==> flow/design.v <==
module data_mux_mod #(
   parameter int WD = 10
) (
   input logic CLK,
   input logic aresetn,
   input logic [WD-1:0] d0,
   input logic [WD-1:0] d1,
   input logic [WD-1:0] d2,
   input logic [WD-1:0] d3,
   input logic [1:0] s,
   output logic [WD-1:0] z_o
);
   logic [WD-1:0] d0_ff;
   always_ff @(posedge CLK) begin
      if (~aresetn) begin
         d0_ff <= '0;
      end else begin
         d0_ff <= d0;
      end
   end
   logic [WD-1:0] d1_ff;
   always_ff @(posedge CLK) begin
      if (~aresetn) begin
         d1_ff <= '0;
      end else begin
         d1_ff <= d1;
      end
   end
   logic [WD-1:0] d2_ff;
   always_ff @(posedge CLK) begin
      if (~aresetn) begin
         d2_ff <= '0;
      end else begin
         d2_ff <= d2;
      end
   end
   logic [WD-1:0] d3_ff;
   always_ff @(posedge CLK) begin
      if (~aresetn) begin
         d3_ff <= '0;
      end else begin
         d3_ff <= d3;
      end
   end
   logic [1:0] s_ff;
   always_ff @(posedge CLK) begin
      if (~aresetn) begin
         s_ff <= '0;
      end else begin
         s_ff <= s;
      end
   end
   logic [WD-1:0] cur;
   always_comb begin
      case (s_ff)
         0: cur = d0_ff;
         1: cur = d1_ff;
         2: cur = d2_ff;
         default: cur = d3_ff;
      endcase
   end
   logic [WD-1:0] z_o_ff;
   always_ff @(posedge CLK) begin
      if (~aresetn) begin
         z_o_ff <= '0;
      end else begin
         z_o_ff <= cur;
      end
   end
   assign z_o = z_o_ff;
endmodule
# From RTL to reports: data_mux_mod
# What the tools print for data_mux_mod, step after step.
# Lines are those of the file above, counted from 1.
# Operators carry their Yosys type and port widths (W data, S select, Z words).
# Library cell names are shortened.
# A cell with - has no value.
# setup
top_module	data_mux_mod
clk_port	CLK
library	sky130hd
pvt_corner	tt_025C_1v80

# Word-level counts
# Yosys after proc, flatten, opt, wreduce and memory -nomap, before mapping. Enables and synchronous resets that opt folds into registers are not counted as muxes. Memory bits, and registers merged into a memory's read port (data or address), are not among the register bits. Print and check cells are not counted. Equal cells are merged and count once.
# op_classes
equal	2
n_mux	1
reduce_and_logical	1
# op_table
cell	count
$pmux W10 S3	1
$eq A2 B1 Y1 const B	1
$eq A2 B2 Y1 const B	1
$logic_not A2 Y1	1
# bits
regBits	52
inputBits	44
out_inout_bits	10
elab_cells	10

# Logic depth
# Longest topological path by Yosys (ltp), each cell counted once; first at word level (registers and memories cut), then after technology mapping (sequential cells cut; the memories' decode and read muxes count).
# logic_depth
word_depth	2
abc_area	1
depth_mapped	6
ltp_nobuf	5

# Synthesis result
# Yosys stat after the flow's synthesis: flattened, memories mapped to cells. It holds for the ABC_AREA given above (unset counts as 0); a run with the other value may have another netlist.
# synth_totals
mapped_cells	230
yosys_area_mm2	0.0018017
seq_area_mm2	0.001041
flip_flops	52
buf_cells	9
# by_type
cell_type	count	area_total_um2
dfxtp_1	52	1.04E+03
nand2_1	62	232.723
inv_1	54	202.694
nand3_1	20	100.096
nor2_1	20	75.072
o21ai_0	10	50.048
buf_6	4	45.043
buf_2	5	25.024
nor2_8	1	20.019
nand2_2	1	6.256
inv_2	1	3.754

# Path before layout
# Path of least setup slack by OpenSTA after synthesis, without wires, with an ideal clock, recovery checks aside; 20% of the period is set as input and as output delay. Where synthesis merged equal registers, the netlist keeps one of their names.
# synth_path
path_kind	register to register
startpoint	reg s_ff[0]
endpoint	reg z_o_ff[0]
period_ns	1.12
setup_time_ns	0.109
launch_ns	0.000
arrival_ns	0.767
required_time_ns	1.011
slack_ns	0.244
delay_ns	0.876
driving_pins	7
path_buffers	1
period_less_setup_slack_ns	0.876
# "delay_ns" = arrival - input delay + setup time.
# "driving_pins": output pins that drive a net of the path, with the launching flip-flop's if there is one; two outputs of one cell count as two.
# "period_less_setup_slack_ns" is the clock period less the worst setup slack; recovery checks do not enter. This is arithmetic on one report: input and output delays are still those of the set period (20% each).
# The rows between start and end are the longest chain of elaborated cells between them; the timing report does not say that the signal goes this way. Where chains are equally long, one stands for them.
# Each line given opens the expression or statement behind the cell; cells for indexed reads and writes are added by Yosys, which also makes memories of some case tables.
# synth_via
path_cell_list	dfxtp_1 -> buf_6 -> nand2_2 -> nor2_1 -> nor2_1 -> nand2_1 -> inv_1
elab_chain_len	2
cells_between	4
lines_between	1
cone_classes	2 x eq/ne; 1 x mux; 1 x reduce/logical
# synth_rtl
item	line_no	source
start, declared	45	logic [1:0] s_ff;
start, assigned	48	s_ff <= '0;
start, assigned	50	s_ff <= s;
$eq A2 B2 Y1	55	case (s_ff)
$pmux W10 S3	55
end, assigned	65	z_o_ff <= '0;
end, assigned	67	z_o_ff <= cur;
end, declared	62	logic [WD-1:0] z_o_ff;

# Worst path after layout
# Path of least setup slack in the final report of run 1 (OpenROAD, finished layout, wires in). Where an end is a register, its clock arrival counts in the times.
# layout_path
path_kind	register to output
startpoint	reg z_o_ff[1]
endpoint	out z_o[1]
period_ns	1.29
out_delay_ns	0.26
launch_ns	0.31
arrival_ns	0.88
required_time_ns	1.03
slack_ns	0.15
driving_pins	2
path_buffers	1
# layout_via
path_cell_list	dfxtp_1 -> dlygate4sd2_1
elab_chain_len	0
cells_between	0
lines_between	0
# layout_rtl
item	line_no	source
start, declared	62	logic [WD-1:0] z_o_ff;
start, assigned	65	z_o_ff <= '0;
start, assigned	67	z_o_ff <= cur;
end, declared	11	output logic [WD-1:0] z_o

# Flow measurements of data_mux_mod on sky130hd: 3 stored runs with different settings, listed in no order. Input and output delays are each 20% of the period that was set; the output load is 0.01 pF.
# "achieved_period_ns" = clock period - worst setup slack. The figure is calculated, with input and output delays left at 20% of the set period.
# By "worst_path_time_ns" is meant the share of the clock period that the worst setup path is allowed (20% is reserved at inputs, 20% at outputs), minus its slack. Clock arrival times at its registers enter into it.
# "power_mw": no workload was simulated; the value follows from the tool's default switching activity.
# Among the settings, - means not set for that run.
# Results: - = not shown.
run	period_ns	CORE_UTILIZATION	SETUP_SLACK_MARGIN	PLACE_DENSITY_LB_ADDON	CORE_ASPECT_RATIO	CELL_PAD_IN_SITES_GLOBAL_PLACEMENT	ABC_AREA	GPL_ROUTABILITY_DRIVEN	CAP_MARGIN	SLEW_MARGIN	CORE_MARGIN	CELL_PAD_IN_SITES_DETAIL_PLACEMENT	CTS_CLUSTER_SIZE	MIN_ROUTING_LAYER	synthArea_mm2	design_die_area_mm2	post_route_stdcell_area_mm2	fin_util_pct	ws_setup_ns	timing.setup.tns_ns	worst_hold_slack_ns	power_mw	achieved_period_ns	worst_path_time_ns	critical_path_kind
run 1	1.29	53	0.11	0.27	0.55	0	1	0	30	5	2	-	-	-	0.0018017	0.003903	0.0024536	76.9	0.149	0.000	0.466	2.971	1.141	0.88	register to output
run 2	1.12	40	-	-	-	-	-	-	20	20	2	-	-	-	0.0016115	0.0045529	0.0023047	58.5	0.043	0.000	0.489	3.389	1.077	0.85	register to output
run 3	0.789	55	-	0.17	-	0	-	0	20	15	10	1	50	met1	-	-	-	-	-	-	-	-	-	-	-
# Run 3: stopped before the end: placement reported DPL-0033
